==> flow/design.v <==
module my_reg_bank_top #(
    parameter ENTRIES = 4,
    parameter DATA_W = 12,
    parameter ADDR_WIDTH = $clog2(ENTRIES)
) (
    input  wire i_clk,
    input  wire RSTN,
    input  wire [ADDR_WIDTH-1:0] i_addr,
    input  wire i_write,
    input  wire [DATA_W-1:0] i_write_data,
    output wire [DATA_W-1:0] o_read_data
);
    reg [ADDR_WIDTH-1:0] r_addr;
    always @(posedge i_clk or negedge RSTN) begin
        if (~RSTN) begin
            r_addr <= 0;
        end else begin
            r_addr <= i_addr;
        end
    end
    reg r_write;
    always @(posedge i_clk or negedge RSTN) begin
        if (~RSTN) begin
            r_write <= 1'b0;
        end else begin
            r_write <= i_write;
        end
    end
    reg [DATA_W-1:0] r_write_data;
    always @(posedge i_clk or negedge RSTN) begin
        if (~RSTN) begin
            r_write_data <= 0;
        end else begin
            r_write_data <= i_write_data;
        end
    end
    reg [DATA_W-1:0] bank [0:ENTRIES-1];
    always @(posedge i_clk)
        if (r_write) bank[r_addr] <= r_write_data;
    assign o_read_data = bank[r_addr];
endmodule
Step by step through the tools: my_reg_bank_top --
The steps from the RTL of my_reg_bank_top to its reports follow in flow order. Line numbers count from 1 in the design file above. Cell names lack the library's common part. The mark - stands for no value.
Inputs: design top my_reg_bank_top, clock port i_clk, cell library sky130hd, corner tt_025C_1v80

Word-level counts --
Counts by Yosys on the flattened word-level netlist (proc, flatten, opt, wreduce; memories kept). Register bits leave out memories and registers merged into their read ports (data or address); mux counts leave out enables and synchronous resets folded into registers. Print and check cells are left out. Cells with the same type and inputs are merged into one. Yosys's memory passes give these memory sizes; they may raise the number of words (mostly to a power of two), join words into wider ones and drop unused or constant bits.
Bit counts: cells after elaboration 7, register bits 15, output and inout port bits 12, RAM bits 48, memories kept 1
Operators by class: mux-type cells 3
Memories:
- bank | depth 4, width 12, read ports 1, write ports 1, RTL line 37 | reg [DATA_W-1:0] bank [0:ENTRIES-1];
Operators by type and width (count):
- 2-to-1 mux 12 bit | 1
- 2-to-1 mux 2 bit | 1
- 2-to-1 mux 1 bit | 1

Logic depth --
Yosys ltp: most cells in a row. Word level: on the elaborated netlist, between registers, memories and ports. Mapped: between sequential cells and ports; inverters and the memories' decode and read muxes count.
Depth: depth in word-level cells 1, ABC_AREA 0, gate-level depth with buffers 3

Mapped cells and area --
The flow's flattened synthesis, as Yosys stat reports it; memories are mapped. The netlist is that of the ABC_AREA named above (0 if unset); the other value can give another one. Totals and module areas in this step are rounded.
Synthesis totals: sequential area 1820 um^2, cell area after synthesis 2180 um^2, mapped flip-flops 63, buffers 4, cell count 83
Cells by type (count):
- edfxtp_1 | 48
- dfrtp_1 | 15
- mux4_1 | 6
- mux4_2 | 6
- and3b_2 | 2
- buf_12 | 1
- buf_6 | 1
- and3_2 | 1
- nor3b_1 | 1
- buf_2 | 1
- clkbuf_1 | 1

Timing after synthesis --
Path of least setup slack by OpenSTA after synthesis, without wires, with an ideal clock, recovery checks aside; 20% of the period is set as input and as output delay. Where synthesis merged equal registers, the netlist keeps one of their names.
Timing after synthesis: kind register to register, start point register r_addr[1], end point memory bank[0][0], delay of the path 2.065 ns, data required time 2.181 ns, setup time 0.399 ns, arrival time 1.666 ns, period 2.58 ns, path slack 0.515 ns, launch time at the first pin 0.000 ns, driving pins on the path 4, synthesis period reached 2.065 ns
"delay of the path" is the arrival time less input delay plus setup time. "driving pins on the path": output pins that drive a net of the path, with the launching flip-flop's if there is one; two outputs of one cell count as two. "synthesis period reached" = period - worst setup slack (recovery checks aside). The figure is calculated, with input and output delays left at 20% of the set period. The rows between start and end are the longest chain of elaborated cells between them; the timing report does not say that the signal goes this way. Where chains are equally long, one stands for them. Each line given opens the expression or statement behind the cell; cells for indexed reads and writes are added by Yosys, which also makes memories of some case tables.
On the way, after synthesis: path through dfrtp_1 clkbuf_1 buf_2 nor3b_1, length of the longest elaborated chain 1, elaborated cells between the ends (all ways) 1, classes of those cells mux: 1
RTL lines, path after synthesis:
- start, declared | RTL line 13 | reg [ADDR_WIDTH-1:0] r_addr;
- start, assigned | RTL line 16 | r_addr <= 0;
- start, assigned | RTL line 18 | r_addr <= i_addr;
- 2-to-1 mux 2 bit | RTL line 39 | if (r_write) bank[r_addr] <= r_write_data;
- end, declared | RTL line 37 | reg [DATA_W-1:0] bank [0:ENTRIES-1];

Path in the finished layout --
From the final timing report of run A: the path of least setup slack in the routed layout; clock arrival at registers is part of the times.
Timing after layout: kind register to output, start point register r_addr[0], end point output o_read_data[4], driving pins on the path 4, arrival time 1.95 ns, launch time at the first pin 0.32 ns, path slack 0.12 ns, period 2.58 ns, data required time 2.06 ns
The rows between start and end are the longest chain of elaborated cells between them; the timing report does not say that the signal goes this way. Where chains are equally long, one stands for them. A memory read counts as a cell of the chain, while the word-level depth stops at memories.
On the way, after layout: path through dfrtp_1 buf_6 mux4_1 clkdlybuf4s50_1, length of the longest elaborated chain 1, elaborated cells between the ends (all ways) 1, classes of those cells memory: 1
RTL lines, path after layout:
- start, declared | RTL line 13 | reg [ADDR_WIDTH-1:0] r_addr;
- start, assigned | RTL line 16 | r_addr <= 0;
- start, assigned | RTL line 18 | r_addr <= i_addr;
- memory read (4 x 12 bit) | RTL line 37 | reg [DATA_W-1:0] bank [0:ENTRIES-1];
- end, declared | RTL line 11 | output wire [DATA_W-1:0] o_read_data

--- measured runs ---
Top module my_reg_bank_top; platform sky130hd; tools Yosys and OpenROAD; 3 stored runs in no particular order. Input and output delays are each 20% of the period that was set; the output load is 0.01 pF.
"achieved clock period" = clock period - worst setup slack. The figure is calculated, with input and output delays left at 20% of the set period.
By "worst setup path time" is meant the share of the clock period that the worst setup path is allowed (20% is reserved at inputs, 20% at outputs), minus its slack. Clock arrival times at its registers enter into it.
"power" is the tool's figure for a default switching activity; nothing was simulated.
The results are shown rounded.
[run A] settings: period_ns=2.58, CAP_MARGIN=20, CORE_MARGIN=2, CORE_UTILIZATION=40, SLEW_MARGIN=20
[run A] result: chip area after synthesis (Yosys) 2180 um^2, die area 6070 um^2, standard-cell area of the final layout 2750 um^2, utilization 52.8 %, worst setup slack after layout 0.116 ns, total negative slack 0.000 ns, power 2170 µW, achieved clock period 2.464 ns, worst setup path time 1.95 ns, worst setup path kind register to output
[run B] settings: period_ns=1.7, CORE_UTILIZATION=38, PLACE_DENSITY_LB_ADDON=0.14, CORE_MARGIN=10, GPL_TIMING_DRIVEN=1, GPL_ROUTABILITY_DRIVEN=1, MAX_ROUTING_LAYER=met5, CAP_MARGIN=20, SLEW_MARGIN=20
[run B] result: chip area after synthesis (Yosys) 2180 um^2, die area 9180 um^2, standard-cell area of the final layout 2730 um^2, utilization 49.2 %, worst setup slack after layout -0.203 ns, total negative slack -2.13 ns, power 3020 µW, achieved clock period 1.903 ns, worst setup path time 1.56 ns, worst setup path kind register to output
[run C] settings: period_ns=2.92, CORE_UTILIZATION=56, PLACE_DENSITY=0.57, HOLD_SLACK_MARGIN=0.01, CORE_ASPECT_RATIO=0.79, CELL_PAD_IN_SITES_GLOBAL_PLACEMENT=0, ABC_AREA=1, GPL_TIMING_DRIVEN=0, CAP_MARGIN=0, MIN_ROUTING_LAYER=met2, CORE_MARGIN=2, SLEW_MARGIN=20
[run C] result: chip area after synthesis (Yosys) 2360 um^2, die area 4760 um^2, standard-cell area of the final layout 2960 um^2, utilization 75.0 %, worst setup slack after layout 0.412 ns, total negative slack 0.000 ns, power 1970 µW, achieved clock period 2.508 ns, worst setup path time 1.92 ns, worst setup path kind register to output
--- end ---
